==> flow/design.v <==
module u_shft_blk #(
   parameter integer WD = 32,
   parameter integer SEL_W = $clog2(WD)
) (
   input  wire clk_i,
   input  wire RST,
   input  wire [WD-1:0] val,
   input  wire [WD-1:0] db,
   input  wire [SEL_W-1:0] n,
   output reg [WD-1:0] result
);
   reg [WD-1:0] r_val;
   always @(posedge clk_i) begin
      if (RST) begin
         r_val <= 0;
      end else begin
         r_val <= val;
      end
   end
   reg [WD-1:0] r_db;
   always @(posedge clk_i) begin
      if (RST) begin
         r_db <= 0;
      end else begin
         r_db <= db;
      end
   end
   reg [SEL_W-1:0] r_n;
   always @(posedge clk_i) begin
      if (RST) begin
         r_n <= 0;
      end else begin
         r_n <= n;
      end
   end
   wire [2*WD-1:0] cur = {r_db, r_val} >> r_n;
   always @(posedge clk_i) begin
      if (RST) begin
         result <= 0;
      end else begin
         result <= cur[WD-1:0];
      end
   end
endmodule
### Step by step through the tools: u_shft_blk

Tool output for the design above, in the order of the flow.
Lines are those of the file above, counted from 1.
Operators: Yosys type, input widths -> output width; for muxes data width and select width s.
Library cell names are shortened.
A cell with -- has no value.

| design | value |
|---|---|
| top module | u_shft_blk |
| clock port | clk_i |
| cell library | sky130hd |
| corner | tt_025C_1v80 |

### After elaboration

Counts by Yosys on the flattened word-level netlist (proc, flatten, opt, wreduce; memories kept). Register bits leave out memories and registers merged into their read ports (data or address); mux counts leave out enables and synchronous resets folded into registers. Print and check cells are left out. Cells with the same type and inputs are merged into one.

| bit counts | value |
|---|---|
| register bits | 101 |
| input port bits | 71 |
| elaborated cells | 5 |

| cells by class | value |
|---|---|
| shifts and indexed selects | 1 |

Operator list:

| kind | count |
|---|---|
| $shr 64x5->32 | 1 |

### Longest topological paths

Depth = most cells in a row (Yosys ltp): at word level without a register or memory, in the mapped netlist without a sequential cell, where the memories' decode and read muxes count.

| depth | value |
|---|---|
| depth after elaboration | 1 |
| ABC_AREA | 0 |
| mapped depth | 9 |
| gate-level depth less buffers | 5 |

### After synthesis

Yosys stat after the flow's synthesis: flattened, memories mapped to cells. It holds for the ABC_AREA given above (unset counts as 0); a run with the other value may have another netlist.

Cell types:

| type | count | total area (µm²) |
|---|---|---|
| dfxtp_1 | 100 | 2,001.92 |
| mux2i_1 | 66 | 660.634 |
| mux4_2 | 28 | 630.605 |
| mux2_2 | 44 | 495.475 |
| nor2b_1 | 73 | 456.688 |
| nand2_1 | 39 | 146.39 |
| nor2_1 | 36 | 135.13 |
| mux4_1 | 4 | 105.101 |
| clkbuf_1 | 26 | 97.594 |
| o22ai_1 | 15 | 93.84 |
| a21oi_1 | 18 | 90.086 |
| o21ai_0 | 16 | 80.077 |
| a32oi_1 | 8 | 70.067 |
| buf_6 | 5 | 56.304 |
| buf_2 | 11 | 55.053 |
| a22oi_1 | 7 | 52.55 |
| o221ai_1 | 6 | 52.55 |
| a221o_1 | 5 | 50.048 |

Not listed: further types 36, cells in them 99.

| mapped netlist | value |
|---|---|
| mapped cells | 606 |
| synthesis area | 6,069.6 µm² |
| mapped flip-flops | 100 |

### Path before layout

Source: OpenSTA report_checks on the synthesized netlist (no wires, ideal clock, input and output delay 20% of the period each), path of least setup slack; recovery checks are left aside. Register names are those of the netlist, which keeps one name where synthesis merged equal registers.

| path after synthesis | value |
|---|---|
| path kind | register to register |
| from | register r_n[1] |
| to | register result[4] |
| period | 2,420 ps |
| setup time | 127 ps |
| arrival | 1,813 ps |
| setup slack | 480 ps |
| delay of the path | 1,940 ps |
| driving pins on the path | 9 |
| buffers on the path | 3 |
| synthesis period reached | 1,940 ps |

"delay of the path" is the arrival time less input delay plus setup time.
"driving pins on the path": output pins that drive a net of the path, with the launching flip-flop's if there is one; two outputs of one cell count as two.
"synthesis period reached" is the clock period less the worst setup slack; recovery checks do not enter. This is arithmetic on one report: input and output delays are still those of the set period (20% each).
The rows between start and end are the longest chain of elaborated cells between them; the timing report does not say that the signal goes this way. Where chains are equally long, one stands for them.
Each line given opens the expression or statement behind the cell; cells for indexed reads and writes are added by Yosys, which also makes memories of some case tables.

| on the way, after synthesis | value |
|---|---|
| path through | dfxtp_1 buf_6 buf_8 buf_12 mux2i_2 inv_1 mux4_2 a22oi_1 o21ai_1 |
| length of the longest elaborated chain | 1 |
| elaborated cells on any way between the ends | 1 |
| RTL lines with such cells | 1 |
| classes of those cells | 1 x shift |

Ends and longest elaborated chain, after synthesis:

| element | line | source |
|---|---|---|
| from (decl) | 28 | `reg [SEL_W-1:0] r_n;` |
| from (assign) | 31 | `r_n <= 0;` |
| from (assign) | 33 | `r_n <= n;` |
| $shr 64x5->32 | 36 | `wire [2*WD-1:0] cur = {r_db, r_val} >> r_n;` |
| to (assign) | 39 | `result <= 0;` |
| to (assign) | 41 | `result <= cur[WD-1:0];` |
| to (decl) | 10 | `output reg [WD-1:0] result` |

### Path in the finished layout

From the final timing report of run A: the path of least setup slack in the routed layout; clock arrival at registers is part of the times.
The report prints the path's times to 10 ps; the period is as set.

| path after layout | value |
|---|---|
| path kind | register to register |
| from | register r_n[1] |
| to | register result[6] |
| period | 3,500 ps |
| setup time | 80 ps |
| arrival | 2,930 ps |
| setup slack | 840 ps |
| driving pins on the path | 6 |
| buffers on the path | 1 |

The rows between start and end are the longest chain of elaborated cells between them; the timing report does not say that the signal goes this way. Where chains are equally long, one stands for them.

| on the way, after layout | value |
|---|---|
| path through | dfxtp_4 buf_4 mux2i_1 a221oi_1 mux2i_1 o221ai_1 |
| length of the longest elaborated chain | 1 |
| elaborated cells on any way between the ends | 1 |
| RTL lines with such cells | 1 |
| classes of those cells | 1 x shift |

Ends and longest elaborated chain, after layout:

| element | line | source |
|---|---|---|
| from (decl) | 28 | `reg [SEL_W-1:0] r_n;` |
| from (assign) | 31 | `r_n <= 0;` |
| from (assign) | 33 | `r_n <= n;` |
| $shr 64x5->32 | 36 | `wire [2*WD-1:0] cur = {r_db, r_val} >> r_n;` |
| to (assign) | 39 | `result <= 0;` |
| to (assign) | 41 | `result <= cur[WD-1:0];` |
| to (decl) | 10 | `output reg [WD-1:0] result` |

FLOW RESULTS
============

Design u_shft_blk on sky130hd. What follows are 3 stored runs of the flow, each under its own settings; their order means nothing. The constraints put input and output delay at 20% of the set period each and load the outputs with 0.01 pF.
"reached clock period" = clock period - worst setup slack. The figure is calculated, with input and output delays left at 20% of the set period.
"allowed time less slack (worst setup path)" = time allowed to the worst setup path (clock period - input delay - output delay, where it has them) - its slack; a late launch clock adds to it, a late capture clock takes from it.
By "overall power" is meant OpenSTA's value without simulated activity: inputs other than the clock are taken to toggle once in ten clock periods, and the tool carries that through the logic.
"allowed time less slack (worst setup path)" is known to 10 ps.
A setting shown as n/a is not set for that run.
A result given as n/a is not shown for that run.

| run | period_ns | CORE_UTILIZATION | SETUP_SLACK_MARGIN | PLACE_DENSITY_LB_ADDON | HOLD_SLACK_MARGIN | CORE_MARGIN | CELL_PAD_IN_SITES_DETAIL_PLACEMENT | ABC_AREA | CTS_CLUSTER_SIZE | CTS_CLUSTER_DIAMETER | CAP_MARGIN | SLEW_MARGIN | CELL_PAD_IN_SITES_GLOBAL_PLACEMENT | GPL_TIMING_DRIVEN | GPL_ROUTABILITY_DRIVEN | MIN_ROUTING_LAYER | MAX_ROUTING_LAYER | overall power (µW) | total die area (µm²) | final setup TNS (ps) | chip area after synthesis (Yosys) (µm²) | allowed time less slack (worst setup path) (ps) | type of the worst setup path | standard-cell area after routing (µm²) | setup slack of the worst path (ps) | reached clock period (ps) |
|---|---|---|---|---|---|---|---|---|---|---|---|---|---|---|---|---|---|---|---|---|---|---|---|---|---|---|
| run A | 3.5 | 15 | 0.6 | 0.1 | 0.11 | 4 | 1 | 0 | 18 | 255 | 5 | 20 | n/a | n/a | n/a | n/a | n/a | 2,989 | 43,745.8 | 0 | 6,069.6 | 2,660 | register to register | 7,893.8 | 840 | 2,660 |
| run B | 1.21 | 52 | 0.12 | 0.23 | n/a | 8 | 0 | 0 | n/a | 296 | 0 | 20 | 2 | 0 | 1 | met2 | met4 | n/a | n/a | n/a | n/a | n/a | n/a | n/a | n/a | n/a |
| run C | 2.42 | 40 | n/a | n/a | n/a | 2 | n/a | n/a | n/a | n/a | 20 | 20 | n/a | n/a | n/a | n/a | n/a | 4,490 | 16,174.8 | 0 | 6,069.6 | 2,270 | register to register | 7,801.2 | 145 | 2,275 |

Run B: not finished: placement ended with error FLW-0024
